==> flow/design.v <==
module word #(parameter N = 8) (
  input wire clk,
  input wire en,
  input wire [N-1:0] d,
  output reg [N-1:0] q
);
  always @(posedge clk)
    if (en) q <= d;
endmodule
module sync_mem_v2 #(
  parameter NUM_REGS = 12,
  parameter WIDTH = 8,
  parameter NR = 8,
  parameter AWIDTH = $clog2(NUM_REGS)
) (
  input  ck,
  input  rst_i,
  input  in_wr_en,
  input  [AWIDTH-1:0] in_waddr,
  input  [WIDTH-1:0] in_write_data,
  input  [NR*AWIDTH-1:0] in_raddr,
  output [NR*WIDTH-1:0] out_dout
);
  reg wr_en_reg;
  reg [AWIDTH-1:0] waddr_reg;
  reg [WIDTH-1:0] write_data_reg;
  always @(posedge ck or posedge rst_i) begin
    if (rst_i) begin
      wr_en_reg <= 1'b0;
      waddr_reg <= 0;
      write_data_reg <= 0;
    end else begin
      wr_en_reg <= in_wr_en;
      waddr_reg <= in_waddr;
      write_data_reg <= in_write_data;
    end
  end
  wire [NUM_REGS*WIDTH-1:0] regs;
  genvar i;
  generate
    for (i = 0; i < NUM_REGS; i = i + 1) begin : each
      word #(.N(WIDTH)) i_sub (.clk(ck), .en(wr_en_reg && waddr_reg == i), .d(write_data_reg), .q(regs[i*WIDTH +: WIDTH]));
    end
  endgenerate
  reg [NR*AWIDTH-1:0] raddr_reg;
  always @(posedge ck or posedge rst_i) begin
    if (rst_i) begin
      raddr_reg <= 0;
    end else begin
      raddr_reg <= in_raddr;
    end
  end
  wire [NR*WIDTH-1:0] tmp;
  genvar j;
  generate
    for (j = 0; j < NR; j = j + 1) begin : gen
      assign tmp[j*WIDTH +: WIDTH] = regs[raddr_reg[j*AWIDTH +: AWIDTH]*WIDTH +: WIDTH];
    end
  endgenerate
  assign out_dout = tmp;
endmodule
Step by step through the tools: sync_mem_v2
What the tools print for sync_mem_v2, step after step.
Line numbers count from 1 in the design file above.
Library cell names are shortened.
The mark n/a stands for no value.

inputs
  design top = sync_mem_v2
  clock = ck
  cell library = sky130hd
  corner = tt_025C_1v80

Elaborated design
Source: Yosys, flattened and elaborated, memories not mapped. Widths are those after wreduce; folded enables and synchronous resets count as part of the registers. Registers that Yosys merges into a memory's read port (data or address) are not register bits. Print and check cells do not count. Equal cells are merged and count once.

storage and ports
  register bits = 141
  bits of input ports = 47
  output and inout bits = 64
  cells after elaboration = 48

operators by class
  eq/ne operators = 11
  shifts and indexed selects = 8
  reduce/logical cells = 13

operators by type and width
  kind                                                            count
  96-bit by 8-bit indexed select with 8-bit output                8
  4-bit by 3-bit equality test with 1-bit output with constant B  4
  4-bit equality test with constant B                             4
  1-bit logical AND                                               12
  4-bit by 2-bit equality test with 1-bit output with constant B  2
  4-bit by 1-bit equality test with 1-bit output with constant B  1
  4-bit zero test                                                 1

Depth
Yosys ltp: most cells in a row. Word level: on the elaborated netlist, between registers, memories and ports. Mapped: between sequential cells and ports; inverters and the memories' decode and read muxes count.

logic depth
  depth after elaboration = 2
  ABC_AREA = 0
  mapped depth = 5

Mapped cells and area
Source: synth_stat.txt of the flow (Yosys; design flattened, memories mapped). It holds for the ABC_AREA given above (unset counts as 0); a run with the other value may have another netlist.

synthesis totals
  mapped cells = 776
  mapped area = 10577.6 µm²
  sequential part of the area = 4008.8 µm²
  mapped flip-flops = 141
  buffer cells = 80

cells by type
  cell      count  total area (µm²)
  edfxtp_1  96     2.88E+03
  mux4_2    122    2.75E+03
  mux2_2    128    1.44E+03
  dfrtp_1   45     1126.08
  o31ai_1   55     412.896
  o22ai_1   64     400.384
  nor2_1    73     274.013
  nand2_1   65     243.984
  buf_6     17     191.434
  mux4_1    6      157.651
  buf_12    6      120.115
  buf_4     16     120.115
  clkbuf_1  20     75.072
  o32ai_1   8      70.067
  nand2b_1  11     68.816
  buf_2     10     50.048
  nor2b_1   7      43.792
  inv_1     9      33.782

Other cell types: 7; their cells: 18.
The figures by module come from a second, unflattened synthesis with its own total; it is not the netlist above.

unflattened totals
  cell total of the unflattened synthesis = 776
  area (unflattened synthesis) = 10595.2 µm²

Each row is one instance without its submodules.

by module
  module       instances  cells  area (µm²)  seq. area (µm²)
  sync_mem_v2  1          680    7712.4      1126.1
  word (N=8)   12         8      240.2       240.2

Worst setup path after synthesis
OpenSTA on the mapped netlist: ideal clock, no wires. The path of least setup slack (recovery checks aside). Input and output delay are each 20% of the period. Register names are those of the netlist, which keeps one name where synthesis merged equal registers.

path after synthesis
  path kind = register to register
  start point = reg waddr_reg[3]
  end point = reg each[0].i_sub.q[0]
  clock period = 2.32 ns
  arrival time = 1.474 ns
  slack = 0.463 ns
  delay of the path = 1.857 ns
  stages = 3
  path buffers = 0
  synthesis period reached = 1.857 ns

"delay of the path" is the arrival time less input delay plus setup time.
"stages" counts driving pins, that of a launching flip-flop among them; a cell with two outputs on the path counts twice.
"synthesis period reached" = period - worst setup slack (recovery checks aside). The figure is calculated, with input and output delays left at 20% of the set period.
Between the ends stands the longest chain of elaborated cells between them, by number of cells; it is not shown to be the way that was timed. Of several equally long chains one is given.
Each line given opens the expression or statement behind the cell; cells for indexed reads and writes are added by Yosys, which also makes memories of some case tables.

between the ends, after synthesis
  path through = dfrtp_1 > or3b_2 > nor3_1
  cells in the longest elaborated chain = 2
  elaborated cells on any way between the ends = 2
  RTL lines with such cells = 1
  those cells by class = reduce/logical: 2

ends and longest elaborated chain, after synthesis
  what               RTL line  RTL
  from (decl)        25        reg [AWIDTH-1:0] waddr_reg;
  from (assign)      30        waddr_reg <= 0;
  from (assign)      34        waddr_reg <= in_waddr;
  4-bit zero test    42        word #(.N(WIDTH)) i_sub (.clk(ck), .en(wr_en_reg && waddr_reg == i), .d(write_data_reg), .q(regs[i*WIDTH +: WI ...
  1-bit logical AND  42
  to (assign)        8         if (en) q <= d;
  to (decl)          5         output reg [N-1:0] q

Worst path after layout
Path of least setup slack in the final report of run 1 (OpenROAD, finished layout, wires in). Where an end is a register, its clock arrival counts in the times.

path after layout
  path kind = register to output
  start point = reg each[3].i_sub.q[6]
  end point = out out_dout[14]
  clock period = 2.03 ns
  output delay = 0.41 ns
  arrival time = 2.10 ns
  slack = -0.48 ns
  stages = 6
  path buffers = 2

Between the ends stands the longest chain of elaborated cells between them, by number of cells; it is not shown to be the way that was timed. Of several equally long chains one is given.

between the ends, after layout
  path through = edfxtp_1 > buf_4 > mux4_2 > nor2_2 > o32ai_2 > buf_2
  cells in the longest elaborated chain = 1
  elaborated cells on any way between the ends = 1
  RTL lines with such cells = 1
  those cells by class = shift: 1

ends and longest elaborated chain, after layout
  what                                              RTL line  RTL
  from (decl)                                       5         output reg [N-1:0] q
  from (assign)                                     8         if (en) q <= d;
  96-bit by 8-bit indexed select with 8-bit output  57        assign tmp[j*WIDTH +: WIDTH] = regs[raddr_reg[j*AWIDTH +: AWIDTH]*WIDTH +: WIDTH];
  to (decl)                                         22        output [NR*WIDTH-1:0] out_dout

Module sync_mem_v2, platform sky130hd: 3 stored runs of the flow (Yosys, OpenROAD) with differing settings, in no particular order. Input and output delays are each 20% of the period that was set; the output load is 0.01 pF.
"achieved clock period (ns)" = clock period - worst setup slack. The figure is calculated, with input and output delays left at 20% of the set period.
By "worst setup path time (ns)" is meant the share of the clock period that the worst setup path is allowed (20% is reserved at inputs, 20% at outputs), minus its slack. Clock arrival times at its registers enter into it.
By "finish__power__total" is meant OpenSTA's value without simulated activity: inputs other than the clock are taken to toggle once in ten clock periods, and the tool carries that through the logic.

settings of run 1
{
  "period_ns": 2.03,
  "CORE_UTILIZATION": 50,
  "PLACE_DENSITY_LB_ADDON": 0.18,
  "HOLD_SLACK_MARGIN": 0.29,
  "CORE_ASPECT_RATIO": 1.43,
  "CTS_CLUSTER_SIZE": 46,
  "CTS_CLUSTER_DIAMETER": 199,
  "CAP_MARGIN": 20,
  "CORE_MARGIN": 2,
  "SLEW_MARGIN": 20
}
report of run 1
yosys chip area after synthesis (um^2): 10577.6
finish__design__die__area: 22353.3
finish__design__instance__area__stdcell: 15960.3
finish__design__instance__utilization: 0.7699
finish__timing__setup__ws: -0.478
finish__timing__setup__tns: -23.503
finish__timing__hold__ws: 0.322
finish__power__total: 8.873e-03
achieved clock period (ns): 2.508
worst setup path time (ns): 2.10
worst setup path kind: register to output

settings of run 2
{
  "period_ns": 2.32,
  "CAP_MARGIN": 20,
  "CORE_MARGIN": 2,
  "CORE_UTILIZATION": 40,
  "SLEW_MARGIN": 20
}
report of run 2
yosys chip area after synthesis (um^2): 10577.6
finish__design__die__area: 27760.6
finish__design__instance__area__stdcell: 16594.7
finish__design__instance__utilization: 0.6386
finish__timing__setup__ws: -0.294
finish__timing__setup__tns: -11.835
finish__timing__hold__ws: 0.318
finish__power__total: 8.057e-03
achieved clock period (ns): 2.614
worst setup path time (ns): 2.15
worst setup path kind: register to output

settings of run 3
{
  "period_ns": 1.29,
  "CORE_UTILIZATION": 63,
  "PLACE_DENSITY_LB_ADDON": 0.26,
  "HOLD_SLACK_MARGIN": 0.13,
  "CELL_PAD_IN_SITES_DETAIL_PLACEMENT": 0,
  "CAP_MARGIN": 20,
  "CORE_MARGIN": 2,
  "SLEW_MARGIN": 20
}
report of run 3: did not finish, cts, DPL-0033
